==> flow/design.v <==
module sync_alu_arith #(
  parameter WIDTH = 80
) (
  input  logic core_clk,
  input  logic rstn,
  input  logic [WIDTH-1:0] da,
  input  logic [WIDTH-1:0] db,
  input  logic minus,
  output logic [WIDTH-1:0] d
);
  logic [WIDTH-1:0] r;
  always_comb begin
    if (minus)
      r = da - db;
    else
      r = da + db;
  end
  logic [WIDTH-1:0] r_d;
  always_ff @(posedge core_clk) begin
    if (~rstn) begin
      r_d <= '0;
    end else begin
      r_d <= r;
    end
  end
  assign d = r_d;
endmodule
Step by step through the tools: sync_alu_arith
Tool output for the design above, in the order of the flow.
Line numbers count from 1 in the design file above.
Operators: Yosys type, input widths -> output width; for muxes data width and select width s.
Cell names lack the library's common part.
Not given: -
- top: sync_alu_arith
- clock input: core_clk
- cell library: sky130hd
- timing corner: tt_025C_1v80

Word level
Source: Yosys, flattened and elaborated, memories not mapped. Widths are those after wreduce; folded enables and synchronous resets count as part of the registers. Registers that Yosys merges into a memory's read port (data or address) are not register bits. Print and check cells do not count. Equal cells are merged and count once.
- register bits at 80
- noted bits of input ports: 163
- output and inout bits at 80
- cells after elaboration: 4
- add/sub/neg operators at 2
- mux-type cells at 1
- operator list (kind ; count):
    $add 80x80->80 ; 1
    $sub 80x80->80 ; 1
    $mux 80 ; 1

Longest topological paths
Yosys ltp: most cells in a row. Word level: on the elaborated netlist, between registers, memories and ports. Mapped: between sequential cells and ports; inverters and the memories' decode and read muxes count.
- word-level depth at 2
- noted ABC_AREA: 0
- noted gate-level depth with buffers: 25
- gate-level depth less buffers at 24

Netlist
The flow's flattened synthesis, as Yosys stat reports it; memories are mapped. The netlist is that of the ABC_AREA named above (0 if unset); the other value can give another one.
Totals and module areas in this step are rounded.
- noted cells in the netlist: 1176
- synthesis area: 8500 um^2
- area of sequential cells: 1600 um^2
- mapped flip-flops at 80
- noted buffers: 47
- cells by type (cell type ; count ; total area (um^2)):
    dfxtp_1 ; 80 ; 1.6E+03
    ha_1 ; 80 ; 1000.96
    xnor2_1 ; 100 ; 875.84
    a21oi_1 ; 144 ; 720.691
    nor2_1 ; 167 ; 626.851
    xor2_1 ; 49 ; 429.162
    nand2_1 ; 82 ; 307.795
    o21ai_0 ; 57 ; 285.274
    a21o_1 ; 33 ; 247.738
    o21bai_1 ; 27 ; 202.694
    nand4_1 ; 30 ; 187.68
    a31oi_1 ; 24 ; 150.144
    nor3_1 ; 30 ; 150.144
    clkbuf_1 ; 35 ; 131.376
    inv_1 ; 34 ; 127.622
    and2_1 ; 13 ; 81.328
    nand2b_1 ; 13 ; 81.328
    nand3_1 ; 15 ; 75.072
Other cell types: 54; their cells: 163.

Path before layout
Source: OpenSTA report_checks on the synthesized netlist (no wires, ideal clock, input and output delay 20% of the period each), path of least setup slack; recovery checks are left aside. Register names are those of the netlist, which keeps one name where synthesis merged equal registers.
- path kind: input to register
- from: in db[29]
- to: reg r_d[78]
- noted clock period: 6.66 ns
- input delay: 1.332 ns
- library setup time at 0.131 ns
- time at the first pin at 1.332 ns
- arrival at 5.462 ns
- data required time at 6.529 ns
- setup slack: 1.067 ns
- noted path delay: 4.261 ns
- noted driving pins on the path: 18
- buffers on the path at 1
- synthesis period reached: 5.593 ns
"path delay" is the arrival time less input delay plus setup time.
"driving pins on the path" counts driving pins, that of a launching flip-flop among them; a cell with two outputs on the path counts twice.
"synthesis period reached" is the clock period less the worst setup slack; recovery checks do not enter. This is arithmetic on one report: input and output delays are still those of the set period (20% each).
The rows between start and end are the longest chain of elaborated cells between them; the timing report does not say that the signal goes this way. Where chains are equally long, one stands for them.
A line is the first line of the expression or statement that the cell stems from. Yosys adds cells for indexed reads and writes and turns some case tables into memories.
- cell sequence: or4_1 > or4_4 > nor3_1 > a21oi_1 > nor2_1 > o21ai_0 > xnor2_1 > ha_1 > clkbuf_1 > nand4_1 > or4_1 > o221a_2 > nand2_1 > o21ai_2 > o31ai_2 > nand4_1 > a21boi_0 > nor3b_1
- noted length of the longest elaborated chain: 2
- elaborated cells on any way between the ends: 3
- source lines of those cells at 3
- classes of those cells: add/sub: 2; mux: 1
- RTL lines, path after synthesis (element ; line ; RTL):
    start: declaration ; 7 ; input  logic [WIDTH-1:0] db,
    $add 80x80->80 ; 16 ; r = da + db;
    $mux 80 ; 13 ; if (minus)
    end: assignment ; 21 ; r_d <= '0;
    end: assignment ; 23 ; r_d <= r;
    end: declaration ; 18 ; logic [WIDTH-1:0] r_d;

Worst path after layout
From the final timing report of run A: the path of least setup slack in the routed layout; clock arrival at registers is part of the times.
- path kind: input to register
- from: in db[13]
- to: reg r_d[78]
- noted clock period: 6.66 ns
- input delay: 1.33 ns
- library setup time at 0.14 ns
- time at the first pin at 1.33 ns
- arrival at 6.66 ns
- data required time at 6.86 ns
- setup slack: 0.20 ns
- noted driving pins on the path: 19
- buffers on the path at 2
The rows between start and end are the longest chain of elaborated cells between them; the timing report does not say that the signal goes this way. Where chains are equally long, one stands for them.
- cell sequence: clkdlybuf4s50_1 > or4_1 > nor3_1 > buf_4 > and2_1 > a31oi_1 > a21oi_1 > o21ai_0 > xnor2_1 > ha_1 > nand4_1 > or4_1 > o221a_2 > nand2_1 > o21ai_2 > o31ai_2 > nand4_1 > a21boi_0 > nor3b_1
- noted length of the longest elaborated chain: 2
- elaborated cells on any way between the ends: 3
- source lines of those cells at 3
- classes of those cells: add/sub: 2; mux: 1
- RTL lines, path post-layout (element ; line ; RTL):
    start: declaration ; 7 ; input  logic [WIDTH-1:0] db,
    $add 80x80->80 ; 16 ; r = da + db;
    $mux 80 ; 13 ; if (minus)
    end: assignment ; 21 ; r_d <= '0;
    end: assignment ; 23 ; r_d <= r;
    end: declaration ; 18 ; logic [WIDTH-1:0] r_d;

## Implementation results

Top module sync_alu_arith; platform sky130hd; tools Yosys and OpenROAD; 3 stored runs in no particular order. Input and output delays are each 20% of the period that was set; the output load is 0.01 pF.
By "reached clock period" is meant the clock period of the run minus its worst setup slack. This is arithmetic on one report: input and output delays are still those of the set period (20% each).
"worst path time" means the part of the period allowed to the worst setup path (the constraints hold back 20% at inputs and 20% at outputs) less its slack; where the path has registers, the arrival times of their clocks count too.
"total power of the final layout" rests on the timing tool's default activity at the inputs, not on a simulated workload.
Values from the reports are rounded here.

Run A
Settings were period_ns = 6.66; CAP_MARGIN = 20; CORE_MARGIN = 2; CORE_UTILIZATION = 40; SLEW_MARGIN = 20
- synthesized cell area: 8500 um^2
- worst path time at 5.13 ns
- type of the worst setup path: input to register
- total power of the final layout at 2.4 mW
- worst hold slack in the final report: 1.6 ns
- standard-cell area of the final layout at 12000 um^2
- noted the final utilization: 0.56
- worst slack on setup checks at 0.20 ns
- noted the sum of negative setup slack: 0.000 ns
- reached clock period at 6.460 ns
- noted the die footprint: 23000 um^2

Run B
Settings were period_ns = 3.69; CORE_UTILIZATION = 49; PLACE_DENSITY_LB_ADDON = 0.17; CORE_MARGIN = 8; CELL_PAD_IN_SITES_GLOBAL_PLACEMENT = 3; CELL_PAD_IN_SITES_DETAIL_PLACEMENT = 0; GPL_TIMING_DRIVEN = 1; CAP_MARGIN = 20; SLEW_MARGIN = 20
- not finished: placement ended with error FLW-0024

Run C
Settings were period_ns = 4.26; CORE_UTILIZATION = 35; SETUP_SLACK_MARGIN = 0.31; PLACE_DENSITY_LB_ADDON = 0.18; TNS_END_PERCENT = 35; ABC_AREA = 0; GPL_ROUTABILITY_DRIVEN = 0; SLEW_MARGIN = 0; MIN_ROUTING_LAYER = met1; CAP_MARGIN = 20; CORE_MARGIN = 2
- synthesized cell area: 8500 um^2
- worst path time at 4.09 ns
- type of the worst setup path: input to register
- total power of the final layout at 4.8 mW
- worst hold slack in the final report: 0.84 ns
- standard-cell area of the final layout at 17000 um^2
- noted the final utilization: 0.7
- worst slack on setup checks at -0.68 ns
- noted the sum of negative setup slack: -18 ns
- reached clock period at 4.943 ns
- noted the die footprint: 26000 um^2
